==> flow/design.v <==
module my_mul_core_blk #(
  parameter int DWIDTH = 36,
  parameter int COEF = 2731,
  parameter int OUT_W = DWIDTH + $clog2(COEF + 1)
) (
  input  logic core_clk,
  input  logic aresetn,
  input  logic [DWIDTH-1:0] opa,
  output logic [OUT_W-1:0] p
);
  logic [DWIDTH-1:0] opa_r;
  always_ff @(posedge core_clk or negedge aresetn) begin
    if (~aresetn) begin
      opa_r <= '0;
    end else begin
      opa_r <= opa;
    end
  end
  assign p = opa_r * COEF;
endmodule
* From RTL to reports: my_mul_core_blk
The steps from the RTL of my_mul_core_blk to its reports follow in flow order. Line numbers count from 1 in the design file above. Library cell names are shortened. A cell with -- has no value.
Inputs: top module my_mul_core_blk, clock input core_clk, cell library sky130hd, corner tt_025C_1v80

* After elaboration
Counts by Yosys on the flattened word-level netlist (proc, flatten, opt, wreduce; memories kept). Register bits leave out memories and registers merged into their read ports (data or address); mux counts leave out enables and synchronous resets folded into registers. Print and check cells are left out. Cells with the same type and inputs are merged into one.
Word-level totals: register bits 36, bits of input ports 38, output and inout bits 48, cells after elaboration 2
Operators by class: multiply operators 1
Operators with widths (number):
- 36-bit by 12-bit multiplier with 48-bit output with constant B | 1

* Logic depth
Yosys ltp: most cells in a row. Word level: on the elaborated netlist, between registers, memories and ports. Mapped: between sequential cells and ports; inverters and the memories' decode and read muxes count.
Depth: word-level depth 1, ABC_AREA 0, mapped depth 19, gate-level depth less buffers 18

* Netlist
Source: synth_stat.txt of the flow (Yosys; design flattened, memories mapped). It holds for the ABC_AREA given above (unset counts as 0); a run with the other value may have another netlist.
Mapped netlist: cells in the netlist 1033, mapped area 9703.1 sq um, sequential area 900.9 sq um, mapped flip-flops 36, buffer cells 21
Cells by type:
- fa_1 | number 161, total area 3.22E+03 sq um
- ha_1 | number 180, total area 2252.16 sq um
- inv_1 | number 332, total area 1.25E+03 sq um
- dfrtp_1 | number 36, total area 900.864 sq um
- a21oi_1 | number 50, total area 250.24 sq um
- xnor2_1 | number 28, total area 245.235 sq um
- a21o_1 | number 23, total area 172.666 sq um
- nand2_1 | number 39, total area 146.39 sq um
- o21bai_1 | number 14, total area 105.101 sq um
- nand4_1 | number 16, total area 100.096 sq um
- xor2_1 | number 10, total area 87.584 sq um
- a31oi_1 | number 11, total area 68.816 sq um
- nor2_1 | number 18, total area 67.565 sq um
- o21ai_0 | number 13, total area 65.062 sq um
- buf_4 | number 7, total area 52.55 sq um
- a211o_1 | number 5, total area 43.792 sq um
- and3_1 | number 7, total area 43.792 sq um
- clkbuf_1 | number 9, total area 33.782 sq um
Not listed: further types 43, cells in them 74.

* Timing after synthesis
OpenSTA on the mapped netlist: ideal clock, no wires. The path of least setup slack (recovery checks aside). Input and output delay are each 20% of the period. Register names are those of the netlist, which keeps one name where synthesis merged equal registers.
Timing path after synthesis: kind flip-flop to output port, start reg opa_r[7], end out p[37], period 7.48 ns, external output delay 1.496 ns, time at the first pin 0.000 ns, data arrival time 4.787 ns, required time 5.984 ns, setup slack 1.197 ns, delay of the path 4.787 ns, stages on the path 18, buffers on the path 1, synthesis period reached 6.283 ns
"delay of the path" = arrival - input delay + setup time. A path that ends at an output port has no setup time. "stages on the path": output pins that drive a net of the path, with the launching flip-flop's if there is one; two outputs of one cell count as two. "synthesis period reached" = period - worst setup slack (recovery checks aside). The figure is calculated, with input and output delays left at 20% of the set period. Between the ends stands the longest chain of elaborated cells between them, by number of cells; it is not shown to be the way that was timed. Of several equally long chains one is given. A line is the first line of the expression or statement that the cell stems from. Yosys adds cells for indexed reads and writes and turns some case tables into memories.
Between the ends, after synthesis: path through dfrtp_1 -> ha_1 -> inv_1 -> fa_1 -> fa_1 -> fa_1 -> fa_1 -> inv_1 -> ha_1 -> buf_4 -> a21oi_1 -> o21bai_1 -> a21o_1 -> nor3b_1 -> a21oi_1 -> a31o_1 -> and3_1 -> nor4bb_1, cells in the longest elaborated chain 1, elaborated cells on any way between the ends 1, source lines of those cells 1, those cells by class 1 x mul
Ends and longest elaborated chain, after synthesis:
- start, declared | RTL line 11 | logic [DWIDTH-1:0] opa_r;
- start, assigned | RTL line 14 | opa_r <= '0;
- start, assigned | RTL line 16 | opa_r <= opa;
- 36-bit by 12-bit multiplier with 48-bit output | RTL line 19 | assign p = opa_r * COEF;
- end, declared | RTL line 9 | output logic [OUT_W-1:0] p

* Timing after layout
From the final timing report of stored run 1: the path of least setup slack in the routed layout; clock arrival at registers is part of the times.
Timing path after layout: kind flip-flop to output port, start reg opa_r[8], end out p[40], period 7.14 ns, external output delay 1.43 ns, time at the first pin 0.28 ns, data arrival time 5.50 ns, required time 5.71 ns, setup slack 0.21 ns, stages on the path 19, buffers on the path 2
Between the ends stands the longest chain of elaborated cells between them, by number of cells; it is not shown to be the way that was timed. Of several equally long chains one is given.
Between the ends, after layout: path through dfrtp_2 -> ha_4 -> fa_1 -> inv_2 -> fa_2 -> fa_1 -> inv_1 -> fa_1 -> ha_4 -> nand3_4 -> nor4_2 -> o211ai_1 -> a41oi_2 -> o221ai_4 -> a211oi_4 -> buf_4 -> a21oi_1 -> xnor2_1 -> buf_2, cells in the longest elaborated chain 1, elaborated cells on any way between the ends 1, source lines of those cells 1, those cells by class 1 x mul
Ends and longest elaborated chain, after layout:
- start, declared | RTL line 11 | logic [DWIDTH-1:0] opa_r;
- start, assigned | RTL line 14 | opa_r <= '0;
- start, assigned | RTL line 16 | opa_r <= opa;
- 36-bit by 12-bit multiplier with 48-bit output | RTL line 19 | assign p = opa_r * COEF;
- end, declared | RTL line 9 | output logic [OUT_W-1:0] p

Subject: my_mul_core_blk on sky130hd, stored results

Hello all,

Record of 3 stored runs of the RTL-to-layout flow on my_mul_core_blk, platform sky130hd. The runs are unordered. Constraints: input delay and output delay 20% of the set period each, output load 0.01 pF.
"achieved clock period" is the run's clock period less its worst setup slack. It is reckoned from that one timing run; input and output delays stay at 20% of the period that was set.
[stored run 1] settings: period_ns=7.14, CORE_UTILIZATION=18, SETUP_SLACK_MARGIN=1.32, PLACE_DENSITY=0.57, CORE_ASPECT_RATIO=1.37, TNS_END_PERCENT=10, GPL_ROUTABILITY_DRIVEN=0, CTS_CLUSTER_SIZE=32, MIN_ROUTING_LAYER=met2, MAX_ROUTING_LAYER=met4, CAP_MARGIN=20, CORE_MARGIN=2, SLEW_MARGIN=20
[stored run 1] result: chip area after synthesis (Yosys) 9703.1 sq um, die area 55801.8 sq um, utilization 23.4%, worst setup slack after layout 0.212 ns, total negative slack 0.000 ns, achieved clock period 6.928 ns
[stored run 2] settings: period_ns=7.48, CAP_MARGIN=20, CORE_MARGIN=2, CORE_UTILIZATION=40, SLEW_MARGIN=20
[stored run 2] result: chip area after synthesis (Yosys) 9703.1 sq um, die area 25520.1 sq um, utilization 47.4%, worst setup slack after layout 0.226 ns, total negative slack 0.000 ns, achieved clock period 7.254 ns
[stored run 3] settings: period_ns=9.05, CORE_UTILIZATION=53, PLACE_DENSITY=0.45, CORE_MARGIN=9, CELL_PAD_IN_SITES_GLOBAL_PLACEMENT=0, CAP_MARGIN=20, MIN_ROUTING_LAYER=met1, MAX_ROUTING_LAYER=met4, SLEW_MARGIN=20
[stored run 3] result: chip area after synthesis (Yosys) 9703.1 sq um, die area 23502.4 sq um, utilization 60.5%, worst setup slack after layout 1.172 ns, total negative slack 0.000 ns, achieved clock period 7.878 ns

Thanks
